==> flow/design.v <==
module u_shft_blk #(
   parameter integer WD = 12,
   parameter integer SEL_W = $clog2(WD)
) (
   input  wire clk_i,
   input  wire RST,
   input  wire [WD-1:0] val,
   input  wire [WD-1:0] db,
   input  wire [SEL_W-1:0] n,
   output reg [WD-1:0] result
);
   reg [WD-1:0] r_val;
   always @(posedge clk_i) begin
      if (RST) begin
         r_val <= 0;
      end else begin
         r_val <= val;
      end
   end
   reg [WD-1:0] r_db;
   always @(posedge clk_i) begin
      if (RST) begin
         r_db <= 0;
      end else begin
         r_db <= db;
      end
   end
   reg [SEL_W-1:0] r_n;
   always @(posedge clk_i) begin
      if (RST) begin
         r_n <= 0;
      end else begin
         r_n <= n;
      end
   end
   wire [2*WD-1:0] cur = {r_db, r_val} >> r_n;
   always @(posedge clk_i) begin
      if (RST) begin
         result <= 0;
      end else begin
         result <= cur[WD-1:0];
      end
   end
endmodule
# ---- From RTL to reports: u_shft_blk
# Tool output for the design above, in the order of the flow.
# Lines are those of the file above, counted from 1.
# Cell names lack the library's common part.
# Not given: -
dict set report design {
  design {u_shft_blk}
  clk_port {clk_i}
  lib {sky130hd}
  lib_corner {tt_025C_1v80}
}

# ---- Elaborated design
# Counts by Yosys on the flattened word-level netlist (proc, flatten, opt, wreduce; memories kept). Register bits leave out memories and registers merged into their read ports (data or address); mux counts leave out enables and synchronous resets folded into registers. Print and check cells are left out. Cells with the same type and inputs are merged into one.
dict set report bits {
  register_bits 40
  wordCells 5
  output_inout_bits 12
}
dict set report classes {
  shift 1
}
# operator count
set op_table {}
lappend op_table {{>> shifter 24 x 4 -> 12 bit} 1}

# ---- Longest topological paths
# Longest topological path by Yosys (ltp), each cell counted once; first at word level (registers and memories cut), then after technology mapping (sequential cells cut; the memories' decode and read muxes count).
dict set report depth {
  ltp_word 1
  ABC_AREA 0
  ltp_mapped 7
}

# ---- Netlist
# Yosys stat after the flow's synthesis: flattened, memories mapped to cells. It holds for the ABC_AREA given above (unset counts as 0); a run with the other value may have another netlist.
dict set report mapped {
  cells 197
  ffs 40
  buffers 15
  synth_area_um2 2024.4
}
# type count area_total_um2
set by_type {}
lappend by_type {dfxtp_1 40 800.768}
lappend by_type {mux2i_1 29 290.278}
lappend by_type {nor2b_1 30 187.68}
lappend by_type {mux4_1 3 78.826}
lappend by_type {mux2_2 6 67.565}
lappend by_type {mux4_2 3 67.565}
lappend by_type {nand2_1 9 33.782}
lappend by_type {nand3b_1 4 30.029}
lappend by_type {a2bb2oi_1 3 26.275}
lappend by_type {buf_2 5 25.024}
lappend by_type {nand2b_1 4 25.024}
lappend by_type {o22ai_1 4 25.024}
lappend by_type {a211oi_1 3 22.522}
lappend by_type {buf_6 2 22.522}
lappend by_type {clkbuf_1 6 22.522}
lappend by_type {a221o_1 2 20.019}
lappend by_type {o21ai_0 4 20.019}
lappend by_type {a31oi_1 3 18.768}
# Other cell types: 23; their cells: 37.

# ---- Path before layout
# Path of least setup slack by OpenSTA after synthesis, without wires, with an ideal clock, recovery checks aside; 20% of the period is set as input and as output delay. Where synthesis merged equal registers, the netlist keeps one of their names.
dict set report synth_path {
  path_kind {register to register}
  from {register r_n[1]}
  to {register result[3]}
  arrival_time_ps 1525
  setup_slack_ps 409
  tclk_ps 2060
  setup_ps 126
  required_time_ps 1934
  path_delay_ps 1651
  t_first_pin_ps 0
  path_stages 5
  synth_period_reached_ps 1651
}
# "path_delay_ps" is the arrival time less input delay plus setup time.
# "path_stages": output pins that drive a net of the path, with the launching flip-flop's if there is one; two outputs of one cell count as two.
# "synth_period_reached_ps" is the clock period less the worst setup slack; recovery checks do not enter. This is arithmetic on one report: input and output delays are still those of the set period (20% each).
# The rows between start and end are the longest chain of elaborated cells between them; the timing report does not say that the signal goes this way. Where chains are equally long, one stands for them.
# A line is the first line of the expression or statement that the cell stems from. Yosys adds cells for indexed reads and writes and turns some case tables into memories.
dict set report synth_via {
  path_cell_list {dfxtp_1 buf_6 mux4_2 mux4_2 nor2b_4}
  elab_chain_len 1
}
# element line
set synth_rtl {}
lappend synth_rtl {{from (decl)} 28} ;# reg [SEL_W-1:0] r_n;
lappend synth_rtl {{from (assign)} 31} ;# r_n <= 0;
lappend synth_rtl {{from (assign)} 33} ;# r_n <= n;
lappend synth_rtl {{>> shifter 24 x 4 -> 12 bit} 36} ;# wire [2*WD-1:0] cur = {r_db, r_val} >> r_n;
lappend synth_rtl {{to (assign)} 39} ;# result <= 0;
lappend synth_rtl {{to (assign)} 41} ;# result <= cur[WD-1:0];
lappend synth_rtl {{to (decl)} 10} ;# output reg [WD-1:0] result

# ---- Timing after layout
# Path of least setup slack in the final report of run 1 (OpenROAD, finished layout, wires in). Where an end is a register, its clock arrival counts in the times.
# The path's times are printed in steps of 10 ps; the period is the one set.
dict set report layout_path {
  path_kind {register to register}
  from {register r_n[2]}
  to {register result[3]}
  arrival_time_ps 1860
  required_time_ps 1770
  tclk_ps 1570
  setup_slack_ps -90
  t_first_pin_ps 290
  setup_ps 100
  path_stages 4
}
# The rows between start and end are the longest chain of elaborated cells between them; the timing report does not say that the signal goes this way. Where chains are equally long, one stands for them.
dict set report layout_via {
  path_cell_list {dfxtp_4 mux4_2 mux4_2 nor2b_4}
  elab_chain_len 1
}
# element line
set layout_rtl {}
lappend layout_rtl {{from (decl)} 28} ;# reg [SEL_W-1:0] r_n;
lappend layout_rtl {{from (assign)} 31} ;# r_n <= 0;
lappend layout_rtl {{from (assign)} 33} ;# r_n <= n;
lappend layout_rtl {{>> shifter 24 x 4 -> 12 bit} 36} ;# wire [2*WD-1:0] cur = {r_db, r_val} >> r_n;
lappend layout_rtl {{to (assign)} 39} ;# result <= 0;
lappend layout_rtl {{to (assign)} 41} ;# result <= cur[WD-1:0];
lappend layout_rtl {{to (decl)} 10} ;# output reg [WD-1:0] result

# Top module u_shft_blk; platform sky130hd; tools Yosys and OpenROAD; 3 stored runs in no particular order. Input and output delays are each 20% of the period that was set; the output load is 0.01 pF.
# By "timing.achieved_period_ps" is meant the clock period of the run minus its worst setup slack. This is arithmetic on one report: input and output delays are still those of the set period (20% each).
# "worst_setup_path_time_ps" is the time allowed to the run's worst setup path (the clock period less input and output delay, where it has them) less its slack. Clock arrival times count: a late capture clock shortens it, a late launch clock lengthens it.
# "total_power_w" rests on the timing tool's default activity at the inputs, not on a simulated workload.
# "worst_setup_path_time_ps" is given in steps of 10 ps.
run="run 1" settings period_ns=1.57 CORE_UTILIZATION=23 SETUP_SLACK_MARGIN=-0.06 CORE_MARGIN=2 CELL_PAD_IN_SITES_DETAIL_PLACEMENT=2 TNS_END_PERCENT=60 ABC_AREA=0 GPL_ROUTABILITY_DRIVEN=1 CTS_CLUSTER_SIZE=59 CTS_CLUSTER_DIAMETER=114 CAP_MARGIN=30 SLEW_MARGIN=20
run="run 1" results timing.achieved_period_ps=1659 die_area_um2=9568.8 utilization_pct=33.6 final_setup_ws_ps=-89 finalCellArea_um2=2905.3 worst_hold_slack_ps=564 worst_setup_path_time_ps=1660 critical_path_kind="register to register" total_power_w=0.002363 yosys_chip_area_um2=2024.4 tns_ps=-138
run="run 2" settings period_ns=1.14 CORE_UTILIZATION=26 PLACE_DENSITY_LB_ADDON=0.14 HOLD_SLACK_MARGIN=0.06 GPL_ROUTABILITY_DRIVEN=0 SLEW_MARGIN=35 MIN_ROUTING_LAYER="met2" CAP_MARGIN=20 CORE_MARGIN=2
run="run 2" results timing.achieved_period_ps=1620 die_area_um2=8508.2 utilization_pct=44.0 final_setup_ws_ps=-480 finalCellArea_um2=3365.7 worst_hold_slack_ps=463 worst_setup_path_time_ps=1620 critical_path_kind="register to register" total_power_w=0.003741 yosys_chip_area_um2=2024.4 tns_ps=-4411
run="run 3" settings period_ns=2.06 CAP_MARGIN=20 CORE_MARGIN=2 CORE_UTILIZATION=40 SLEW_MARGIN=20
run="run 3" results timing.achieved_period_ps=1880 die_area_um2=5646.0 utilization_pct=54.8 final_setup_ws_ps=180 finalCellArea_um2=2638.8 worst_hold_slack_ps=670 worst_setup_path_time_ps=1880 critical_path_kind="register to register" total_power_w=0.001896 yosys_chip_area_um2=2024.4 tns_ps=0
